==> flow/design.v <==
module diff_unit_v2 #(
  parameter DATA_W = 12
) (
  input  wire core_clk,
  input  wire [DATA_W-1:0] i_src1,
  input  wire i_dir,
  input  wire i_load,
  output wire [DATA_W-1:0] o_out
);
  reg [DATA_W-1:0] acc;
  always @(posedge core_clk) begin
    acc <= i_load ? i_src1 : i_dir ? acc - i_src1 : acc + i_src1;
  end
  assign o_out = acc;
endmodule
* From RTL to reports: diff_unit_v2
The steps from the RTL of diff_unit_v2 to its reports follow in flow order.
Lines are those of the file above, counted from 1.
Library cell names are shortened.
The mark -- stands for no value.
- Top module :: diff_unit_v2
- Clock port :: core_clk
- Cell library :: sky130hd
- Corner :: tt_025C_1v80

* Word-level counts
Source: Yosys, flattened and elaborated, memories not mapped. Widths are those after wreduce; folded enables and synchronous resets count as part of the registers. Registers that Yosys merges into a memory's read port (data or address) are not register bits. Print and check cells do not count. Equal cells are merged and count once.
- Latch bits :: 0
- Register bits :: 12
- Bits in read-only memories :: 0
- Bits of input ports :: 15
- Clocked read ports x word width :: 0
- RAM bits :: 0
- Output and inout port bits :: 12
- Memory cells :: 0
- Cells after elaboration :: 5
- Bitwise logic cells :: 0
- Magnitude comparators :: 0
- Eq/ne operators :: 0
- Reductions and logical operators :: 0
- Add/subtract/negate cells :: 2
- Mux-type cells :: 2
- Div/mod/pow operators :: 0
- Multiply operators :: 0
- Shifts and indexed selects :: 0
** Operators by type and width (number)
- 12-bit two-way mux :: 2
- 12-bit adder :: 1
- 12-bit subtractor :: 1

* Longest topological paths
Depth = most cells in a row (Yosys ltp): at word level without a register or memory, in the mapped netlist without a sequential cell, where the memories' decode and read muxes count.
- Depth in word-level cells :: 3
- ABC_AREA :: 0
- Gate-level depth with buffers :: 13

* Synthesis result
Yosys stat after the flow's synthesis: flattened, memories mapped to cells. It holds for the ABC_AREA given above (unset counts as 0); a run with the other value may have another netlist.
The area totals of this step are shown rounded.
** Cell types
- dfxtp_1 :: number 12, area in all 240.23 um^2
- ha_1 :: number 12, area in all 150.144 um^2
- xnor2_1 :: number 12, area in all 105.101 um^2
- xor2_1 :: number 7, area in all 61.309 um^2
- a21oi_1 :: number 11, area in all 55.053 um^2
- nand2_1 :: number 12, area in all 45.043 um^2
- o21ai_1 :: number 8, area in all 40.038 um^2
- a21o_1 :: number 5, area in all 37.536 um^2
- nor2_1 :: number 9, area in all 33.782 um^2
- nor3_2 :: number 3, area in all 30.029 um^2
- inv_1 :: number 7, area in all 26.275 um^2
- nand2b_1 :: number 4, area in all 25.024 um^2
- fa_1 :: number 1, area in all 20.019 um^2
- mux2i_1 :: number 2, area in all 20.019 um^2
- a31oi_1 :: number 3, area in all 18.768 um^2
- a221oi_2 :: number 1, area in all 15.014 um^2
- o21bai_1 :: number 2, area in all 15.014 um^2
- a211oi_2 :: number 1, area in all 12.512 um^2
Other cell types: 17; their cells: 19.
- Flip-flops :: 12
- Buffers :: 3
- Mapped area :: 1080 um^2
- Cells in the netlist :: 131

* Worst setup path after synthesis
Path of least setup slack by OpenSTA after synthesis, without wires, with an ideal clock, recovery checks aside; 20% of the period is set as input and as output delay. Where synthesis merged equal registers, the netlist keeps one of their names.
- Path type :: input to register
- From :: in i_src1[0]
- To :: reg acc[10]
- Buffers on the path :: 0
- External input delay :: 636 ps
- Launch time at the first pin :: 636 ps
- Path delay :: 2034 ps
- Data required time :: 3052 ps
- Slack :: 510 ps
- Clock period :: 3180 ps
- Setup time :: 128 ps
- Stages on the path :: 13
- Data arrival time :: 2542 ps
- Period reached after synthesis :: 2670 ps
"path delay" = arrival - input delay + setup time.
"stages on the path": output pins that drive a net of the path, with the launching flip-flop's if there is one; two outputs of one cell count as two.
"period reached after synthesis" is the clock period less the worst setup slack; recovery checks do not enter. This is arithmetic on one report: input and output delays are still those of the set period (20% each).
Between the ends stands the longest chain of elaborated cells between them, by number of cells; it is not shown to be the way that was timed. Of several equally long chains one is given.
Each line given opens the expression or statement behind the cell; cells for indexed reads and writes are added by Yosys, which also makes memories of some case tables.
- Cells stage by stage :: inv_1 ha_1 nand2b_1 nor2_1 nor2_1 xnor2_1 ha_1 and3_1 a221oi_2 nor4b_1 a211oi_2 xor2_1 o21ai_1
- Cells in the longest elaborated chain :: 3
- Elaborated cells between the ends (all ways) :: 4
- RTL lines with such cells :: 1
** Ends and longest elaborated chain, after synthesis
- from (decl) :: line 5 : input  wire [DATA_W-1:0] i_src1,
- 12-bit adder :: line 12 : acc <= i_load ? i_src1 : i_dir ? acc - i_src1 : acc + i_src1;
- 12-bit two-way mux x2 :: line 12
- to (assign) :: line 12
- to (decl) :: line 10 : reg [DATA_W-1:0] acc;

* Worst path after layout
From the final timing report of entry A: the path of least setup slack in the routed layout; clock arrival at registers is part of the times.
The path's times are printed in steps of 10 ps; the period is the one set.
- Path type :: input to register
- From :: in i_src1[3]
- To :: reg acc[11]
- Data required time :: 2020 ps
- Data arrival time :: 2590 ps
- External input delay :: 380 ps
- Clock period :: 1890 ps
- Buffers on the path :: 4
- Setup time :: 110 ps
- Launch time at the first pin :: 380 ps
- Slack :: -570 ps
- Stages on the path :: 14
Between the ends stands the longest chain of elaborated cells between them, by number of cells; it is not shown to be the way that was timed. Of several equally long chains one is given.
- Cells stage by stage :: dlygate4sd2_1 nor3_2 buf_4 buf_4 a31oi_4 xnor2_2 ha_1 nand4_1 a21oi_2 o21ai_4 buf_4 a31oi_4 nor3_4 xor2_1
- Cells in the longest elaborated chain :: 3
- Elaborated cells between the ends (all ways) :: 4
- RTL lines with such cells :: 1
** Ends and longest elaborated chain, after layout
- from (decl) :: line 5 : input  wire [DATA_W-1:0] i_src1,
- 12-bit adder :: line 12 : acc <= i_load ? i_src1 : i_dir ? acc - i_src1 : acc + i_src1;
- 12-bit two-way mux x2 :: line 12
- to (assign) :: line 12
- to (decl) :: line 10 : reg [DATA_W-1:0] acc;

Lab notebook: diff_unit_v2

Design diff_unit_v2 on sky130hd. What follows are 3 stored runs of the flow, each under its own settings; their order means nothing. The constraints put input and output delay at 20% of the set period each and load the outputs with 0.01 pF.
By "period reached" is meant the clock period of the run minus its worst setup slack. This is arithmetic on one report: input and output delays are still those of the set period (20% each).
"worst path time" = time allowed to the worst setup path (clock period - input delay - output delay, where it has them) - its slack; a late launch clock adds to it, a late capture clock takes from it.
"power consumption": no workload was simulated; the value follows from the tool's default switching activity.
"worst path time" is known to 10 ps.
Measured values are rounded.

* Entry A
** Files
==> flow/run.sh <==
#!/bin/bash
# the make line also repeats the synthesis and layout settings of config.mk as NAME=value (left out here)
make -C /OpenROAD-flow-scripts/flow DESIGN_CONFIG=/design/flow/config.mk WORK_HOME=/design/flow/orfs CLKGATE_MAP_FILE= finish
==> flow/config.mk <==
export PLATFORM = sky130hd
export DESIGN_NAME = diff_unit_v2
export DESIGN_NICKNAME = diff_unit_v2
export VERILOG_FILES = /design/flow/design.v
export SDC_FILE = /design/flow/constraint.sdc
export NUM_CORES = 4
export LEC_CHECK = 0
export ABC_AREA = 0
export CAP_MARGIN = 10
export CORE_ASPECT_RATIO = 0.73
export CORE_MARGIN = 2
export CORE_UTILIZATION = 16
export CTS_CLUSTER_SIZE = 22
export PLACE_DENSITY_LB_ADDON = 0.25
export SETUP_SLACK_MARGIN = 0.37
export SLEW_MARGIN = 20
export TNS_END_PERCENT = 90
==> flow/constraint.sdc <==
create_clock -name core_clock -period 1.89 [get_ports {core_clk}]
set_input_delay 0.3780 -clock core_clock [delete_from_list [all_inputs] [get_ports {core_clk}]]
set_output_delay 0.3780 -clock core_clock [all_outputs]
set_load 0.01 [all_outputs]
** Results
- Total negative slack on setup checks :: -3050 ps
- Utilization after layout :: 0.336
- Period reached :: 2455 ps
- Synthesis area :: 1080 um^2
- Worst hold slack after layout :: 421 ps
- Standard-cell area after layout :: 2190 um^2
- Overall die area :: 7430 um^2
- Smallest setup slack :: -565 ps
- Worst path time :: 2080 ps
- Kind of the worst setup path :: input to register
- Power consumption :: 2.84 mW

* Entry B
** Files
==> flow/run.sh <==
#!/bin/bash
# the make line also repeats the synthesis and layout settings of config.mk as NAME=value (left out here)
make -C /OpenROAD-flow-scripts/flow DESIGN_CONFIG=/design/flow/config.mk WORK_HOME=/design/flow/orfs CLKGATE_MAP_FILE= finish
==> flow/config.mk <==
export PLATFORM = sky130hd
export DESIGN_NAME = diff_unit_v2
export DESIGN_NICKNAME = diff_unit_v2
export VERILOG_FILES = /design/flow/design.v
export SDC_FILE = /design/flow/constraint.sdc
export NUM_CORES = 4
export LEC_CHECK = 0
export CAP_MARGIN = 20
export CORE_MARGIN = 2
export CORE_UTILIZATION = 40
export SLEW_MARGIN = 20
==> flow/constraint.sdc <==
create_clock -name core_clock -period 3.18 [get_ports {core_clk}]
set_input_delay 0.6360 -clock core_clock [delete_from_list [all_inputs] [get_ports {core_clk}]]
set_output_delay 0.6360 -clock core_clock [all_outputs]
set_load 0.01 [all_outputs]
** Results
- Power consumption :: 1.29 mW
- Utilization after layout :: 0.639
- Total negative slack on setup checks :: 0 ps
- Worst hold slack after layout :: 579 ps
- Smallest setup slack :: 171 ps
- Synthesis area :: 1080 um^2
- Period reached :: 3009 ps
- Standard-cell area after layout :: 1610 um^2
- Overall die area :: 3130 um^2
- Worst path time :: 2370 ps
- Kind of the worst setup path :: input to register

* Entry C
** Files
==> flow/run.sh <==
#!/bin/bash
# the make line also repeats the synthesis and layout settings of config.mk as NAME=value (left out here)
make -C /OpenROAD-flow-scripts/flow DESIGN_CONFIG=/design/flow/config.mk WORK_HOME=/design/flow/orfs CLKGATE_MAP_FILE= finish
==> flow/config.mk <==
export PLATFORM = sky130hd
export DESIGN_NAME = diff_unit_v2
export DESIGN_NICKNAME = diff_unit_v2
export VERILOG_FILES = /design/flow/design.v
export SDC_FILE = /design/flow/constraint.sdc
export NUM_CORES = 4
export LEC_CHECK = 0
export CAP_MARGIN = 15
export CELL_PAD_IN_SITES_DETAIL_PLACEMENT = 0
export CELL_PAD_IN_SITES_GLOBAL_PLACEMENT = 2
export CORE_ASPECT_RATIO = 1.98
export CORE_MARGIN = 2
export CORE_UTILIZATION = 22
export CTS_CLUSTER_DIAMETER = 36
export CTS_CLUSTER_SIZE = 99
export PLACE_DENSITY_LB_ADDON = 0.07
export SETUP_SLACK_MARGIN = 0.67
export SLEW_MARGIN = 20
==> flow/constraint.sdc <==
create_clock -name core_clock -period 2.25 [get_ports {core_clk}]
set_input_delay 0.4500 -clock core_clock [delete_from_list [all_inputs] [get_ports {core_clk}]]
set_output_delay 0.4500 -clock core_clock [all_outputs]
set_load 0.01 [all_outputs]
** Results
- Worst path time :: 2080 ps
- Kind of the worst setup path :: input to register
- Synthesis area :: 1080 um^2
- Smallest setup slack :: -283 ps
- Utilization after layout :: 0.47
- Power consumption :: 2.43 mW
- Total negative slack on setup checks :: -1430 ps
- Period reached :: 2533 ps
- Worst hold slack after layout :: 460 ps
- Overall die area :: 5520 um^2
- Standard-cell area after layout :: 2200 um^2
